==> flow/design.v <==
module regfile #(
  parameter integer NWORDS = 8,
  parameter integer NBITS = 48,
  parameter integer AWIDTH = $clog2(NWORDS)
) (
  input wire i_clk,
  input wire rst_ni,
  input wire we,
  input wire [AWIDTH-1:0] write_addr,
  input wire [NBITS-1:0] wd,
  input wire [AWIDTH-1:0] raddr_a,
  input wire [AWIDTH-1:0] raddr_b,
  output wire [NBITS-1:0] q_a,
  output wire [NBITS-1:0] q_b
);
  reg [NBITS-1:0] array [0:NWORDS-1];
  always @(posedge i_clk) begin
    if (we && write_addr != 0)
      array[write_addr] <= wd;
  end
  reg [NBITS-1:0] q_a_s;
  always @(posedge i_clk or negedge rst_ni) begin
    if (~rst_ni) begin
      q_a_s <= 0;
    end else begin
      q_a_s <= (raddr_a == 0) ? {NBITS{1'b0}} : array[raddr_a];
    end
  end
  assign q_a = q_a_s;
  reg [NBITS-1:0] q_b_s;
  always @(posedge i_clk or negedge rst_ni) begin
    if (~rst_ni) begin
      q_b_s <= 0;
    end else begin
      q_b_s <= (raddr_b == 0) ? {NBITS{1'b0}} : array[raddr_b];
    end
  end
  assign q_b = q_b_s;
endmodule
Lab notebook: regfile

### Step by step through the tools: regfile

Tool output for the members of one design family, told apart by "NWORDS", in the order of the flow.
The RTL above is that of NWORDS = 8; lines are counted from 1 in the file of the member named.
Operators carry their Yosys type and port widths (W data, S select, Z words).
Library cell names are shortened.
A cell with -- has no value.

* top module: regfile
* clock port: i_clk
* cell library: sky130hd
* library corner: tt_025C_1v80

### Source of the members

New or changed lines of each further member against the RTL above, in its own file; lines it lacks are not shown.

New or changed lines
* NWORDS 10: RTL line 2 `parameter integer NWORDS = 10,`
* NWORDS 12: RTL line 2 `parameter integer NWORDS = 12,`
* NWORDS 16: RTL line 2 `parameter integer NWORDS = 16,`
* NWORDS 20: RTL line 2 `parameter integer NWORDS = 20,`
* NWORDS 24: RTL line 2 `parameter integer NWORDS = 24,`
* NWORDS 40: RTL line 2 `parameter integer NWORDS = 40,`

### Word-level counts

Yosys after proc, flatten, opt, wreduce and memory -nomap, before mapping. Enables and synchronous resets that opt folds into registers are not counted as muxes. Memory bits, and registers merged into a memory's read port (data or address), are not among the register bits. Print and check cells are not counted. Equal cells are merged and count once.
Yosys's memory passes give these memory sizes; they may raise the number of words (mostly to a power of two), join words into wider ones and drop unused or constant bits.

Bit counts
* NWORDS 8: output and inout port bits 96, word-level cells 12, register bits 96, RAM bits 384, memories 1
* NWORDS 10: output and inout port bits 96, word-level cells 12, register bits 96, RAM bits 480, memories 1
* NWORDS 12: output and inout port bits 96, word-level cells 12, register bits 96, RAM bits 576, memories 1
* NWORDS 16: output and inout port bits 96, word-level cells 12, register bits 96, RAM bits 768, memories 1
* NWORDS 20: output and inout port bits 96, word-level cells 12, register bits 96, RAM bits 960, memories 1
* NWORDS 24: output and inout port bits 96, word-level cells 12, register bits 96, RAM bits 1152, memories 1
* NWORDS 40: output and inout port bits 96, word-level cells 12, register bits 96, RAM bits 1920, memories 1

Operators by class
* NWORDS 8: reductions and logical operators 4, muxes and demuxes 5
* NWORDS 10: reductions and logical operators 4, muxes and demuxes 5
* NWORDS 12: reductions and logical operators 4, muxes and demuxes 5
* NWORDS 16: reductions and logical operators 4, muxes and demuxes 5
* NWORDS 20: reductions and logical operators 4, muxes and demuxes 5
* NWORDS 24: reductions and logical operators 4, muxes and demuxes 5
* NWORDS 40: reductions and logical operators 4, muxes and demuxes 5

Memory list (words x width with read and write ports)
* NWORDS 8: array 8x48 r2 w1
* NWORDS 10: array 10x48 r2 w1
* NWORDS 12: array 12x48 r2 w1
* NWORDS 16: array 16x48 r2 w1
* NWORDS 20: array 20x48 r2 w1
* NWORDS 24: array 24x48 r2 w1
* NWORDS 40: array 40x48 r2 w1

Operators by type and width (kind and count)
* NWORDS 8: 3 x $mux W48; 2 x $logic_not A3 Y1; 1 x $reduce_bool A3 Y1; 1 x $mux W3; 1 x $logic_and A1 B1 Y1; 1 x $mux W1
* NWORDS 10: 3 x $mux W48; 2 x $logic_not A4 Y1; 1 x $reduce_bool A4 Y1; 1 x $mux W4; 1 x $logic_and A1 B1 Y1; 1 x $mux W1
* NWORDS 12: 3 x $mux W48; 2 x $logic_not A4 Y1; 1 x $reduce_bool A4 Y1; 1 x $mux W4; 1 x $logic_and A1 B1 Y1; 1 x $mux W1
* NWORDS 16: 3 x $mux W48; 2 x $logic_not A4 Y1; 1 x $reduce_bool A4 Y1; 1 x $mux W4; 1 x $logic_and A1 B1 Y1; 1 x $mux W1
* NWORDS 20: 3 x $mux W48; 2 x $logic_not A5 Y1; 1 x $reduce_bool A5 Y1; 1 x $mux W5; 1 x $logic_and A1 B1 Y1; 1 x $mux W1
* NWORDS 24: 3 x $mux W48; 2 x $logic_not A5 Y1; 1 x $reduce_bool A5 Y1; 1 x $mux W5; 1 x $logic_and A1 B1 Y1; 1 x $mux W1
* NWORDS 40: 3 x $mux W48; 2 x $logic_not A6 Y1; 1 x $reduce_bool A6 Y1; 1 x $mux W6; 1 x $logic_and A1 B1 Y1; 1 x $mux W1

### Logic depth

Longest topological path by Yosys (ltp), each cell counted once; first at word level (registers and memories cut), then after technology mapping (sequential cells cut; the memories' decode and read muxes count).

Depth
* NWORDS 8: depth after elaboration 3, ABC_AREA 0, mapped depth 6, depth with buffers taken out 3
* NWORDS 10: depth after elaboration 3, ABC_AREA 0, mapped depth 7, depth with buffers taken out 4
* NWORDS 12: depth after elaboration 3, ABC_AREA 0, mapped depth 6, depth with buffers taken out 3
* NWORDS 16: depth after elaboration 3, ABC_AREA 0, mapped depth 8, depth with buffers taken out 4
* NWORDS 20: depth after elaboration 3, ABC_AREA 0, mapped depth 8, depth with buffers taken out 4
* NWORDS 24: depth after elaboration 3, ABC_AREA 0, mapped depth 8, depth with buffers taken out 4
* NWORDS 40: depth after elaboration 3, ABC_AREA 0, mapped depth 9, depth with buffers taken out 5

### After synthesis

Source: synth_stat.txt of the flow (Yosys; design flattened, memories mapped). It holds for the ABC_AREA given above (unset counts as 0); a run with the other value may have another netlist.

Cells by type (type and count)
* NWORDS 8: 336 x edfxtp_1; 96 x dfrtp_1; 192 x mux2i_1; 190 x a221oi_1; 96 x mux2_2; 14 x buf_6; 24 x buf_2; 26 x clkbuf_1; 12 x buf_4; 6 x buf_8; 4 x nor2b_1; 6 x nor2_1; 3 x nand2b_1; 1 x nor2b_4; 2 x and2_1; 3 x nand2_1; 1 x a22o_1; 1 x a31oi_1; (+4)
* NWORDS 10: 432 x edfxtp_1; 288 x mux2i_1; 96 x dfrtp_1; 96 x o31a_1; 65 x mux2_1; 96 x o22ai_1; 65 x a22oi_1; 30 x mux2_4; 102 x nor2_1; 30 x a22oi_2; 100 x nand2_1; 23 x buf_4; 31 x buf_2; 40 x clkbuf_1; 10 x buf_6; 12 x buf_1; 5 x nand2b_1; 3 x nand3b_1; (+7)
* NWORDS 12: 576 x edfxtp_1; 183 x mux4_2; 96 x dfrtp_1; 135 x mux2i_1; 71 x mux2_2; 48 x a211oi_1; 38 x a22oi_1; 26 x a2bb2oi_1; 26 x o22a_1; 20 x buf_6; 59 x nor2_1; 41 x buf_2; 26 x a31oi_1; 26 x o22ai_1; 5 x mux4_1; 17 x buf_4; 26 x nand2_1; 22 x clkbuf_1; (+28)
* NWORDS 16: 721 x edfxtp_1; 381 x mux4_2; 96 x dfrtp_1; 95 x mux2_2; 94 x a22o_1; 54 x clkbuf_1; 19 x buf_4; 12 x buf_6; 25 x buf_2; 13 x nor2_1; 11 x buf_1; 4 x mux2i_1; 5 x nor3_1; 3 x nor2b_1; 2 x a211oi_1; 2 x nand3b_1; 2 x nand2b_1; 3 x inv_1; (+14)
* NWORDS 20: 960 x edfxtp_1; 336 x mux4_2; 336 x mux2i_1; 96 x dfrtp_1; 144 x a22oi_1; 103 x buf_2; 94 x a21oi_1; 48 x o221ai_1; 48 x o211ai_1; 49 x nand3_1; 46 x o21ai_0; 56 x clkbuf_1; 51 x nand2_1; 18 x buf_4; 23 x nor2_1; 6 x buf_6; 7 x nor2b_1; 7 x buf_1; (+21)
* NWORDS 24: 1152 x edfxtp_1; 396 x mux4_2; 348 x mux2i_1; 96 x dfrtp_1; 162 x a22oi_1; 72 x mux2_2; 118 x buf_2; 78 x o211ai_1; 145 x nand2_1; 85 x nand3_1; 36 x a2bb2oi_1; 79 x clkbuf_1; 30 x o2111ai_1; 48 x a21oi_1; 15 x buf_4; 28 x nor2_1; 3 x buf_12; 7 x nor2b_1; (+28)
* NWORDS 40: 1920 x edfxtp_1; 1027 x mux2i_1; 384 x mux4_2; 317 x mux2_2; 432 x a22oi_1; 96 x dfrtp_1; 197 x nand3_1; 172 x buf_2; 144 x a21oi_1; 176 x clkbuf_1; 96 x a31oi_1; 96 x o22ai_1; 113 x nor2_1; 48 x a41oi_1; 44 x buf_4; 83 x nand2_1; 50 x nor3_1; 12 x buf_6; (+53)

The mark (+n) counts cells that are not listed.

Mapped netlist
* NWORDS 8: flip-flop cells 432, cell count 1017, buffers 83, sequential area 12492.0 um^2, cell area after synthesis 17850.9 um^2
* NWORDS 10: flip-flop cells 528, cell count 1531, buffers 116, sequential area 15374.7 um^2, cell area after synthesis 23239.8 um^2
* NWORDS 12: flip-flop cells 672, cell count 1469, buffers 107, sequential area 19698.9 um^2, cell area after synthesis 28748.8 um^2
* NWORDS 16: flip-flop cells 817, cell count 1556, buffers 121, sequential area 24053.1 um^2, cell area after synthesis 35439.0 um^2
* NWORDS 20: flip-flop cells 1056, cell count 2449, buffers 191, sequential area 31230.0 um^2, cell area after synthesis 46382.0 um^2
* NWORDS 24: flip-flop cells 1248, cell count 2926, buffers 221, sequential area 36995.5 um^2, cell area after synthesis 55204.2 um^2
* NWORDS 40: flip-flop cells 2016, cell count 5460, buffers 430, sequential area 60057.6 um^2, cell area after synthesis 92473.7 um^2

### Path before layout

Path of least setup slack by OpenSTA after synthesis, without wires, with an ideal clock, recovery checks aside; 20% of the period is set as input and as output delay. Where synthesis merged equal registers, the netlist keeps one of their names.

Timing path post-synthesis
* NWORDS 8: path kind in2reg, start point input port write_addr[2], end point memory array[1][0], path slack 971 ps, driving pins on the path 1, clock period 6070 ps, delay of the path 3885 ps, synthesis period reached 5099 ps
* NWORDS 10: path kind in2reg, start point input port write_addr[3], end point memory array[4][0], path slack 997 ps, driving pins on the path 2, clock period 6250 ps, delay of the path 4003 ps, synthesis period reached 5253 ps
* NWORDS 12: path kind in2reg, start point input port write_addr[2], end point memory array[8][0], path slack 997 ps, driving pins on the path 2, clock period 6250 ps, delay of the path 4003 ps, synthesis period reached 5253 ps
* NWORDS 16: path kind in2reg, start point input port write_addr[2], end point memory array[8][0], path slack 1004 ps, driving pins on the path 2, clock period 6260 ps, delay of the path 4004 ps, synthesis period reached 5256 ps
* NWORDS 20: path kind in2reg, start point input port write_addr[4], end point memory array[6][0], path slack 755 ps, driving pins on the path 2, clock period 4700 ps, delay of the path 3005 ps, synthesis period reached 3945 ps
* NWORDS 24: path kind in2reg, start point input port write_addr[1], end point memory array[12][0], path slack 754 ps, driving pins on the path 2, clock period 4720 ps, delay of the path 3022 ps, synthesis period reached 3966 ps
* NWORDS 40: path kind in2reg, start point input port write_addr[5], end point memory array[15][0], path slack 783 ps, driving pins on the path 3, clock period 4890 ps, delay of the path 3129 ps, synthesis period reached 4107 ps

"delay of the path" is the arrival time less input delay plus setup time.
"driving pins on the path": output pins that drive a net of the path, with the launching flip-flop's if there is one; two outputs of one cell count as two.
"synthesis period reached" is the clock period less the worst setup slack; recovery checks do not enter. This is arithmetic on one report: input and output delays are still those of the set period (20% each).
The rows between start and end are the longest chain of elaborated cells between them; the timing report does not say that the signal goes this way. Where chains are equally long, one stands for them.
Each line given opens the expression or statement behind the cell; cells for indexed reads and writes are added by Yosys, which also makes memories of some case tables.
NWORDS = 8: Only ways into the end's enable, where the timed path ends, are counted here.

On the way, post-synthesis, NWORDS = 8:
* length of the longest elaborated chain: 3

RTL lines, path post-synthesis, NWORDS = 8
* start, declared: RTL line 9 `input wire [AWIDTH-1:0] write_addr,`
* $reduce_bool A3 Y1: RTL line 18 `if (we && write_addr != 0)`
* $logic_and A1 B1 Y1: RTL line 18
* $mux W3: RTL line 18
* end, declared: RTL line 16 `reg [NBITS-1:0] array [0:NWORDS-1];`

NWORDS = 40: Only ways into the end's enable, where the timed path ends, are counted here.

On the way, post-synthesis, NWORDS = 40:
* length of the longest elaborated chain: 3

RTL lines, path post-synthesis, NWORDS = 40
* start, declared: RTL line 9 `input wire [AWIDTH-1:0] write_addr,`
* $reduce_bool A6 Y1: RTL line 18 `if (we && write_addr != 0)`
* $logic_and A1 B1 Y1: RTL line 18
* $mux W6: RTL line 18
* end, declared: RTL line 16 `reg [NBITS-1:0] array [0:NWORDS-1];`

### Path in the finished layout

Path of least setup slack in the final report of the run of each member (OpenROAD, finished layout, wires in). Where an end is a register, its clock arrival counts in the times.
The path's times are printed in steps of 10 ps; the period is the one set.

Timing path after layout
* NWORDS 8: path kind in2reg, start point input port raddr_b[0], end point register q_b_s[44], buffers on the path 2, clock period 6070 ps, arrival time 3780 ps, path slack 2730 ps, driving pins on the path 5
* NWORDS 10: path kind in2reg, start point input port we, end point memory array[2][6], buffers on the path 2, clock period 6250 ps, arrival time 3670 ps, path slack 2850 ps, driving pins on the path 4
* NWORDS 12: path kind in2reg, start point input port write_addr[2], end point memory array[9][40], buffers on the path 2, clock period 6250 ps, arrival time 3520 ps, path slack 2960 ps, driving pins on the path 4
* NWORDS 16: path kind in2reg, start point input port we, end point memory array[14][18], buffers on the path 2, clock period 6260 ps, arrival time 3710 ps, path slack 2810 ps, driving pins on the path 4
* NWORDS 20: path kind in2reg, start point input port raddr_b[3], end point register q_b_s[33], buffers on the path 2, clock period 4700 ps, arrival time 3400 ps, path slack 1900 ps, driving pins on the path 5
* NWORDS 24: path kind reg2out, start point register q_b_s[16], end point output port q_b[16], buffers on the path 1, clock period 4720 ps, arrival time 1910 ps, path slack 1870 ps, driving pins on the path 2
* NWORDS 40: path kind reg2out, start point register q_a_s[22], end point output port q_a[22], buffers on the path 1, clock period 4890 ps, arrival time 2230 ps, path slack 1690 ps, driving pins on the path 2

### Flow runs

One run of the flow (Yosys, OpenROAD) for each member, with settings and measured results. Input and output delays are each 20% of the period that was set; the output load is 0.01 pF.

* CAP_MARGIN: 20
* CORE_MARGIN: 2
* CORE_UTILIZATION: 40
* SLEW_MARGIN: 20

Settings that differ (period_ns)
* NWORDS 8: 6.07
* NWORDS 10: 6.25
* NWORDS 12: 6.25
* NWORDS 16: 6.26
* NWORDS 20: 4.7
* NWORDS 24: 4.72
* NWORDS 40: 4.89

Results
* NWORDS 8: worst setup slack after layout 2732 ps, post-route setup TNS 0 ps, utilization of the finished layout 0.483, achieved clock period 3338 ps, total die area 46332.6 um^2, synthesis area 17850.9 um^2, standard-cell area of the final layout 21323.0 um^2, total power of the final layout 6781 µW
* NWORDS 10: worst setup slack after layout 2854 ps, post-route setup TNS 0 ps, utilization of the finished layout 0.475, achieved clock period 3396 ps, total die area 60044.6 um^2, synthesis area 23239.8 um^2, standard-cell area of the final layout 27362.5 um^2, total power of the final layout 7970 µW
* NWORDS 12: worst setup slack after layout 2962 ps, post-route setup TNS 0 ps, utilization of the finished layout 0.472, achieved clock period 3288 ps, total die area 74033.0 um^2, synthesis area 28748.8 um^2, standard-cell area of the final layout 33706.1 um^2, total power of the final layout 10160 µW
* NWORDS 16: worst setup slack after layout 2809 ps, post-route setup TNS 0 ps, utilization of the finished layout 0.466, achieved clock period 3451 ps, total die area 90995.7 um^2, synthesis area 35439.0 um^2, standard-cell area of the final layout 41079.4 um^2, total power of the final layout 12332 µW
* NWORDS 20: worst setup slack after layout 1903 ps, post-route setup TNS 0 ps, utilization of the finished layout 0.469, achieved clock period 2797 ps, total die area 118694.0 um^2, synthesis area 46382.0 um^2, standard-cell area of the final layout 53796.6 um^2, total power of the final layout 20996 µW
* NWORDS 24: worst setup slack after layout 1865 ps, post-route setup TNS 0 ps, utilization of the finished layout 0.466, achieved clock period 2855 ps, total die area 140996.0 um^2, synthesis area 55204.2 um^2, standard-cell area of the final layout 63936.3 um^2, total power of the final layout 25091 µW
* NWORDS 40: worst setup slack after layout 1687 ps, post-route setup TNS 0 ps, utilization of the finished layout 0.46, achieved clock period 3203 ps, total die area 235046.0 um^2, synthesis area 92473.7 um^2, standard-cell area of the final layout 105758.0 um^2, total power of the final layout 38905 µW

"achieved clock period": clock period set for the run, less the worst setup slack. It is reckoned from that one timing run; input and output delays stay at 20% of the period that was set.
"total power of the final layout": no workload was simulated; the value follows from the tool's default switching activity.
